==> flow/design.v <==
module ex_sel_unit_blk_sel2 #(parameter N = 1) (
    input wire [N-1:0] a,
    input wire [N-1:0] b,
    input wire s,
    output wire [N-1:0] y
);
    assign y = s ? b : a;
endmodule
module ex_sel_unit_blk #(
    parameter W = 2,
    parameter COUNT = 16,
    parameter SW = $clog2(COUNT)
) (
    input  wire sys_clk,
    input  wire rst_i,
    input  wire [COUNT*W-1:0] src,
    input  wire [SW-1:0] sel,
    output reg [W-1:0] res
);
    reg [COUNT*W-1:0] src_s;
    reg [SW-1:0] sel_s;
    wire [W-1:0] tree [1:2*COUNT-1];
    genvar gi;
    generate
        for (gi = 0; gi < COUNT; gi = gi + 1) begin : each
            assign tree[COUNT+gi] = src_s[gi*W +: W];
        end
        for (gi = 1; gi < COUNT; gi = gi + 1) begin : blk
            ex_sel_unit_blk_sel2 #(.N(W)) inst (.a(tree[2*gi]), .b(tree[2*gi+1]), .s(sel_s[SW - $clog2(gi+1)]), .y(tree[gi]));
        end
    endgenerate
    always @(posedge sys_clk or posedge rst_i) begin
        if (rst_i) begin
            src_s <= 0;
            sel_s <= 0;
            res <= 0;
        end else begin
            src_s <= src;
            sel_s <= sel;
            res <= tree[1];
        end
    end
endmodule
From RTL to reports: ex_sel_unit_blk. Tool output for the design above, in the order of the flow. Line numbers count from 1 in the design file above. The mark -- stands for no value.

Top module: ex_sel_unit_blk. Clock input: sys_clk. Standard-cell library: sky130hd. Corner: tt_025C_1v80.

Elaborated design. Source: Yosys, flattened and elaborated. Widths are those after wreduce; folded enables and synchronous resets count as part of the registers. Registers that Yosys merges into a memory's read port (data or address) are not register bits. Print and check cells do not count. Equal cells are merged and count once.

The entry for $add $sub $neg reads 0. The entry for $mul reads 0. For divide/modulo/power cells the number is 0. $lt $le $gt $ge: 0. Under equal/unequal tests stands 0. The entry for shift-type cells reads 0. For multiplexer cells the number is 15. The entry for bitwise operators reads 0. Reductions and logical operators: 0.

Operators by type and width (count): 2-to-1 mux 2 bit (15).

Under register bits stands 38. The figure for latch bits is 0. The figure for RAM bits is 0. ROM bits: 0. Under word width x clocked read ports stands 0. The figure for memory cells is 0. For input bits the number is 38. Output and inout port bits: 2. The figure for cells after elaboration is 18.

Depth. Yosys ltp: most cells in a row. Word level: on the elaborated netlist, between registers, memories and ports. Mapped: between sequential cells and ports; inverters and the memories' decode and read muxes count.

For word-level depth the number is 4. The figure for ABC_AREA is 0. The entry for depth in mapped cells reads 4. Depth with buffers taken out: 3.

Mapped cells and area. Source: synth_stat.txt of the flow (Yosys; design flattened, memories mapped). It holds for the ABC_AREA given above (unset counts as 0); a run with the other value may have another netlist. Totals and module areas in this step are rounded.

Cell types: sky130_fd_sc_hd__dfrtp_1 (count 38, total area 950.912 sq um); sky130_fd_sc_hd__mux4_1 (count 4, total area 105.101 sq um); sky130_fd_sc_hd__mux4_2 (count 4, total area 90.086 sq um); sky130_fd_sc_hd__nand3_1 (count 4, total area 20.019 sq um); sky130_fd_sc_hd__a22oi_1 (count 2, total area 15.014 sq um); sky130_fd_sc_hd__nor2b_1 (count 2, total area 12.512 sq um); sky130_fd_sc_hd__buf_6 (count 1, total area 11.261 sq um); sky130_fd_sc_hd__nand2_1 (count 2, total area 7.507 sq um); sky130_fd_sc_hd__clkbuf_1 (count 1, total area 3.754 sq um); sky130_fd_sc_hd__inv_1 (count 1, total area 3.754 sq um); sky130_fd_sc_hd__nor2_1 (count 1, total area 3.754 sq um).

Cells in the netlist: 60. The entry for mapped area reads 0.0012 sq mm. Under area of sequential cells stands 0.00095 sq mm. The figure for mapped flip-flops is 38. For buffers the number is 2.

The figures by module come from a second, unflattened synthesis with its own total; it is not the netlist above.

Under cell total of the unflattened synthesis stands 69. The figure for area total of the unflattened synthesis is 0.0013 sq mm.

Each row is one instance without its submodules.

By module: ex_sel_unit_blk (times used 1, cells 39, area 0.00095 sq mm, sequential area 0.00095 sq mm); ex_sel_unit_blk_sel2 (N=2) (times used 15, cells 2, area 0.000023 sq mm, sequential area 0 sq mm).

Worst setup path after synthesis. Source: OpenSTA report_checks on the synthesized netlist (no wires, ideal clock, input and output delay 20% of the period each), path of least setup slack; recovery checks are left aside. Register names are those of the netlist, which keeps one name where synthesis merged equal registers.

Kind: flip-flop to flip-flop. Start: register sel_s[0]. End: register res[0]. Under period stands 1.66 ns. The figure for setup time is 0.127 ns. For launch time at the first pin the number is 0.000 ns. The entry for data arrival time reads 1.204 ns. The entry for required time reads 1.533 ns. For slack the number is 0.329 ns. For path delay the number is 1.331 ns. Under stages on the path stands 5. The entry for buffers on the path reads 1. Synthesis period reached: 1.331 ns.

"path delay" is the arrival time less input delay plus setup time. "stages on the path" counts driving pins, that of a launching flip-flop among them; a cell with two outputs on the path counts twice. "synthesis period reached" = period - worst setup slack (recovery checks aside). The figure is calculated, with input and output delays left at 20% of the set period. The rows between start and end are the longest chain of elaborated cells between them; the timing report does not say that the signal goes this way. Where chains are equally long, one stands for them. Each line given opens the expression or statement behind the cell; cells for indexed reads and writes are added by Yosys, which also makes memories of some case tables.

Cells stage by stage: sky130_fd_sc_hd__dfrtp_1 -> sky130_fd_sc_hd__buf_6 -> sky130_fd_sc_hd__mux4_2 -> sky130_fd_sc_hd__a22oi_1 -> sky130_fd_sc_hd__nand3_1. For length of the longest elaborated chain the number is 4. The figure for elaborated cells on any way between the ends is 15. RTL lines with such cells: 1. Classes of those cells: mux: 15.

Ends and longest elaborated chain, after synthesis: start: declaration (line 21) `reg [SW-1:0] sel_s;`; start: assignment (line 35) `sel_s <= 0;`; start: assignment (line 39) `sel_s <= sel;`; 2-to-1 mux 2 bit (4 in a row) (line 7) `assign y = s ? b : a;`; end: assignment (line 36) `res <= 0;`; end: assignment (line 40) `res <= tree[1];`; end: declaration (line 18) `output reg [W-1:0] res`.

Path in the finished layout. Path of least setup slack in the final report of entry A (OpenROAD, finished layout, wires in). Where an end is a register, its clock arrival counts in the times.

Kind: flip-flop to output port. Start: register res[1]. End: output res[1]. Under period stands 1.66 ns. The entry for external output delay reads 0.33 ns. For launch time at the first pin the number is 0.33 ns. The entry for data arrival time reads 1.20 ns. The entry for required time reads 1.33 ns. For slack the number is 0.12 ns. Under stages on the path stands 2. The entry for buffers on the path reads 1.

Cells stage by stage: sky130_fd_sc_hd__dfrtp_1 -> sky130_fd_sc_hd__clkdlybuf4s50_1. For length of the longest elaborated chain the number is 0. The figure for elaborated cells on any way between the ends is 0. RTL lines with such cells: 0.

Ends and longest elaborated chain, after layout: start: declaration (line 18) `output reg [W-1:0] res`; start: assignment (line 36) `res <= 0;`; start: assignment (line 40) `res <= tree[1];`; end: declaration (line 18).

Subject: ex_sel_unit_blk on sky130hd, stored results

Hello all,

Measured results for ex_sel_unit_blk: 3 stored runs of the Yosys and OpenROAD flow on sky130hd. The settings differ; the order carries no meaning. The constraints put input and output delay at 20% of the set period each and load the outputs with 0.01 pF. "reached clock period" means the clock period less the worst setup slack. The figure is calculated, with input and output delays left at 20% of the set period. "time on the worst setup path" = time allowed to the worst setup path (clock period - input delay - output delay, where it has them) - its slack; a late launch clock adds to it, a late capture clock takes from it. "total power after layout": no workload was simulated; the value follows from the tool's default switching activity. The measured numbers are rounded.

Entry A has these settings: period_ns 1.66; CAP_MARGIN 20; CORE_MARGIN 2; CORE_UTILIZATION 40; SLEW_MARGIN 20. The measured standard-cell area after layout is 0.0017 sq mm. The reached clock period comes to 1.536 ns. The utilization stands at 57 %. For the mapped cell area after synthesis the run shows 0.0012 sq mm. The area inside the die boundary comes to 0.0035 sq mm. The setup total negative slack comes to 0.000 ns. The measured total power after layout is 1,600 µW. For the time on the worst setup path the run shows 1.20 ns. Class of the worst setup path: flip-flop to output port. The setup slack of the critical path stands at 0.12 ns.

Entry B has these settings: period_ns 0.984; CORE_UTILIZATION 51; PLACE_DENSITY_LB_ADDON 0.1; HOLD_SLACK_MARGIN 0.06; CELL_PAD_IN_SITES_GLOBAL_PLACEMENT 3; CELL_PAD_IN_SITES_DETAIL_PLACEMENT 2; CTS_CLUSTER_SIZE 51; CAP_MARGIN 20; CORE_MARGIN 2; SLEW_MARGIN 20. Outcome: stopped before the end: placement reported FLW-0024.

Entry C has these settings: period_ns 0.959; CORE_UTILIZATION 68; PLACE_DENSITY 0.63; CORE_ASPECT_RATIO 1.34; TNS_END_PERCENT 80; GPL_TIMING_DRIVEN 0; MIN_ROUTING_LAYER met1; MAX_ROUTING_LAYER met5; CAP_MARGIN 20; CORE_MARGIN 2; SLEW_MARGIN 20. Outcome: stopped before the end: placement reported DPL-0033.

Thanks
